==> flow/design.v <==
module summer #(
  parameter int XLEN = 24,
  parameter int BS = 8
) (
  input  logic CLK,
  input  logic [XLEN-1:0] i_first,
  input  logic [XLEN-1:0] i_second,
  input  logic i_cy_in,
  output logic [XLEN-1:0] o_res,
  output logic o_cy
);
  logic [XLEN-1:0] first_ff;
  logic [XLEN-1:0] second_ff;
  logic cy_in_ff;
  always_ff @(posedge CLK) begin
    first_ff <= i_first;
    second_ff <= i_second;
    cy_in_ff <= i_cy_in;
  end
  localparam int NG = XLEN / BS;
  logic [XLEN-1:0] val;
  logic [NG:0] chain;
  assign chain[0] = cy_in_ff;
  for (genvar ii = 0; ii < NG; ii++) begin : g_bit
    wire [BS:0] s0 = first_ff[ii*BS +: BS] + second_ff[ii*BS +: BS];
    wire [BS:0] s1 = first_ff[ii*BS +: BS] + second_ff[ii*BS +: BS] + 1'b1;
    assign {chain[ii+1], val[ii*BS +: BS]} = chain[ii] ? s1 : s0;
  end
  assign o_res = val;
  assign o_cy = chain[NG];
endmodule
**From RTL to reports: summer**

The steps from the RTL of summer to its reports follow in flow order.
Line numbers count from 1 in the design file above.
Library cell names are shortened.
A cell with -- has no value.

- Top: summer
- Clock input: CLK
- Library: sky130hd
- Timing corner: tt_025C_1v80

**After elaboration**

Yosys after proc, flatten, opt, wreduce and memory -nomap, before mapping. Enables and synchronous resets that opt folds into registers are not counted as muxes. Memory bits, and registers merged into a memory's read port (data or address), are not among the register bits. Print and check cells are not counted. Equal cells are merged and count once.

- Register bits: 49
- Output and inout port bits: 25

- Add/subtract/negate cells: 6
- Mux-type cells: 3

Operators with widths:

| cell | number |
|---|---|
| adder 8 x 8 -> 9 bit | 3 |
| adder 9 x 1 -> 9 bit (second input constant) | 3 |
| 2-to-1 mux 9 bit | 3 |

**Depth**

Depth = most cells in a row (Yosys ltp): at word level without a register or memory, in the mapped netlist without a sequential cell, where the memories' decode and read muxes count.

- Depth in word-level cells: 5
- ABC_AREA: 0
- Mapped depth: 11
- Gate-level depth less buffers: 11

**Synthesis result**

Source: synth_stat.txt of the flow (Yosys; design flattened, memories mapped). It holds for the ABC_AREA given above (unset counts as 0); a run with the other value may have another netlist.
Totals and module areas in this step are rounded.

Cell types:

| cell | number | total area (sq um) |
|---|---|---|
| dfxtp_1 | 49 | 980.941 |
| ha_1 | 27 | 337.824 |
| xnor2_1 | 20 | 175.168 |
| xor2_1 | 11 | 96.342 |
| nand2_1 | 17 | 63.811 |
| nor2_1 | 17 | 63.811 |
| a21o_1 | 8 | 60.058 |
| a21oi_1 | 12 | 60.058 |
| fa_1 | 3 | 60.058 |
| mux2i_1 | 6 | 60.058 |
| nand3_1 | 9 | 45.043 |
| o21a_1 | 6 | 45.043 |
| o21ai_0 | 9 | 45.043 |
| nand4_1 | 7 | 43.792 |
| nor3_1 | 8 | 40.038 |
| and2_1 | 6 | 37.536 |
| nand2b_1 | 6 | 37.536 |
| o31a_1 | 4 | 35.034 |

Other cell types: 36; their cells: 64.

- Sequential part of the area: 981 sq um
- Cell area after synthesis: 2810 sq um
- Flip-flops: 49
- Mapped cells: 289

**Timing after synthesis**

Path of least setup slack by OpenSTA after synthesis, without wires, with an ideal clock, recovery checks aside; 20% of the period is set as input and as output delay. Where synthesis merged equal registers, the netlist keeps one of their names.

- Path type: flip-flop to output port
- Start point: reg first_ff[8]
- End point: out o_res[19]
- Stages on the path: 12
- Arrival: 2895 ps
- Delay of the path: 2895 ps
- Launch time at the first pin: 0 ps
- Data required time: 3616 ps
- Clock period: 4520 ps
- External output delay: 904 ps
- Slack: 721 ps
- Synthesis period reached: 3799 ps

"delay of the path" = arrival - input delay + setup time.
A path that ends at an output port has no setup time.
"stages on the path": output pins that drive a net of the path, with the launching flip-flop's if there is one; two outputs of one cell count as two.
"synthesis period reached" = period - worst setup slack (recovery checks aside). The figure is calculated, with input and output delays left at 20% of the set period.
Between the ends stands the longest chain of elaborated cells between them, by number of cells; it is not shown to be the way that was timed. Of several equally long chains one is given.
Each line given opens the expression or statement behind the cell; cells for indexed reads and writes are added by Yosys, which also makes memories of some case tables.

- Path through: dfxtp_1 ha_1 fa_1 a21o_1 a211o_1 a2111oi_2 o21a_1 o311ai_1 a21oi_4 buf_2 mux2i_1 o2111ai_1
- Cells in the longest elaborated chain: 4
- Elaborated cells on any way between the ends: 4

RTL lines, path post-synthesis:

| what | line | text |
|---|---|---|
| from (decl) | 12 | `logic [XLEN-1:0] first_ff;` |
| from (assign) | 16 | `first_ff <= i_first;` |
| adder 8 x 8 -> 9 bit | 26 | `wire [BS:0] s1 = first_ff[ii*BS +: BS] + second_ff[ii*BS +: BS] + 1'b1;` |
| adder 9 x 1 -> 9 bit | 26 |  |
| 2-to-1 mux 9 bit x2 | 27 | `assign {chain[ii+1], val[ii*BS +: BS]} = chain[ii] ? s1 : s0;` |
| to (decl) | 9 | `output logic [XLEN-1:0] o_res,` |

**Worst path after layout**

Path of least setup slack in the final report of run A (OpenROAD, finished layout, wires in). Where an end is a register, its clock arrival counts in the times.
The path's times are printed in steps of 10 ps; the period is the one set.

- Path type: flip-flop to output port
- Start point: reg first_ff[8]
- End point: out o_cy
- Stages on the path: 14
- External output delay: 450 ps
- Launch time at the first pin: 280 ps
- Clock period: 2270 ps
- Data required time: 1820 ps
- Slack: -1500 ps
- Arrival: 3320 ps

Between the ends stands the longest chain of elaborated cells between them, by number of cells; it is not shown to be the way that was timed. Of several equally long chains one is given.

- Path through: dfxtp_2 ha_4 fa_2 a21o_1 a211o_4 a2111oi_4 o21a_1 o311ai_4 a21oi_4 buf_12 buf_6 mux2_4 xnor2_2 buf_2
- Cells in the longest elaborated chain: 4
- Elaborated cells on any way between the ends: 4

RTL lines, path after layout:

| what | line | text |
|---|---|---|
| from (decl) | 12 | `logic [XLEN-1:0] first_ff;` |
| from (assign) | 16 | `first_ff <= i_first;` |
| adder 8 x 8 -> 9 bit | 26 | `wire [BS:0] s1 = first_ff[ii*BS +: BS] + second_ff[ii*BS +: BS] + 1'b1;` |
| adder 9 x 1 -> 9 bit | 26 |  |
| 2-to-1 mux 9 bit x2 | 27 | `assign {chain[ii+1], val[ii*BS +: BS]} = chain[ii] ? s1 : s0;` |
| to (decl) | 10 | `output logic o_cy` |

FLOW RESULTS
============

Record of 3 stored runs of the RTL-to-layout flow on summer, platform sky130hd. The runs are unordered. Constraints: input delay and output delay 20% of the set period each, output load 0.01 pF.
"power consumption": no workload was simulated; the value follows from the tool's default switching activity.
Results are given in rounded form.
Settings: n/a = not set for that run.
A result given as n/a is not shown for that run.

| item | run A | run B | run C |
|---|---|---|---|
| period_ns | 2.27 | 4.52 | 4.55 |
| CORE_UTILIZATION | 17 | 40 | 71 |
| SETUP_SLACK_MARGIN | 0.51 | n/a | n/a |
| CORE_ASPECT_RATIO | 0.55 | n/a | 1.0 |
| CELL_PAD_IN_SITES_GLOBAL_PLACEMENT | 0 | n/a | n/a |
| CELL_PAD_IN_SITES_DETAIL_PLACEMENT | 0 | n/a | n/a |
| ABC_AREA | 0 | n/a | n/a |
| GPL_TIMING_DRIVEN | 0 | n/a | n/a |
| GPL_ROUTABILITY_DRIVEN | 0 | n/a | n/a |
| CTS_CLUSTER_SIZE | 64 | n/a | 36 |
| CAP_MARGIN | 20 | 20 | 10 |
| CORE_MARGIN | 2 | 2 | 2 |
| SLEW_MARGIN | 20 | 20 | 35 |
| MAX_ROUTING_LAYER | n/a | n/a | met5 |
| worst slack on setup checks (ps) | -1500 | 130 | n/a |
| area of the standard cells in the finished layout (sq um) | 4690 | 3960 | n/a |
| power consumption (uW) | 2980 | 1290 | n/a |
| synthesis area (sq um) | 2810 | 2810 | n/a |
| post-layout utilization | 0.293 | 0.583 | n/a |
| overall die area (sq um) | 17600 | 7710 | n/a |

Run C: no results, placement failed with GPL-0301
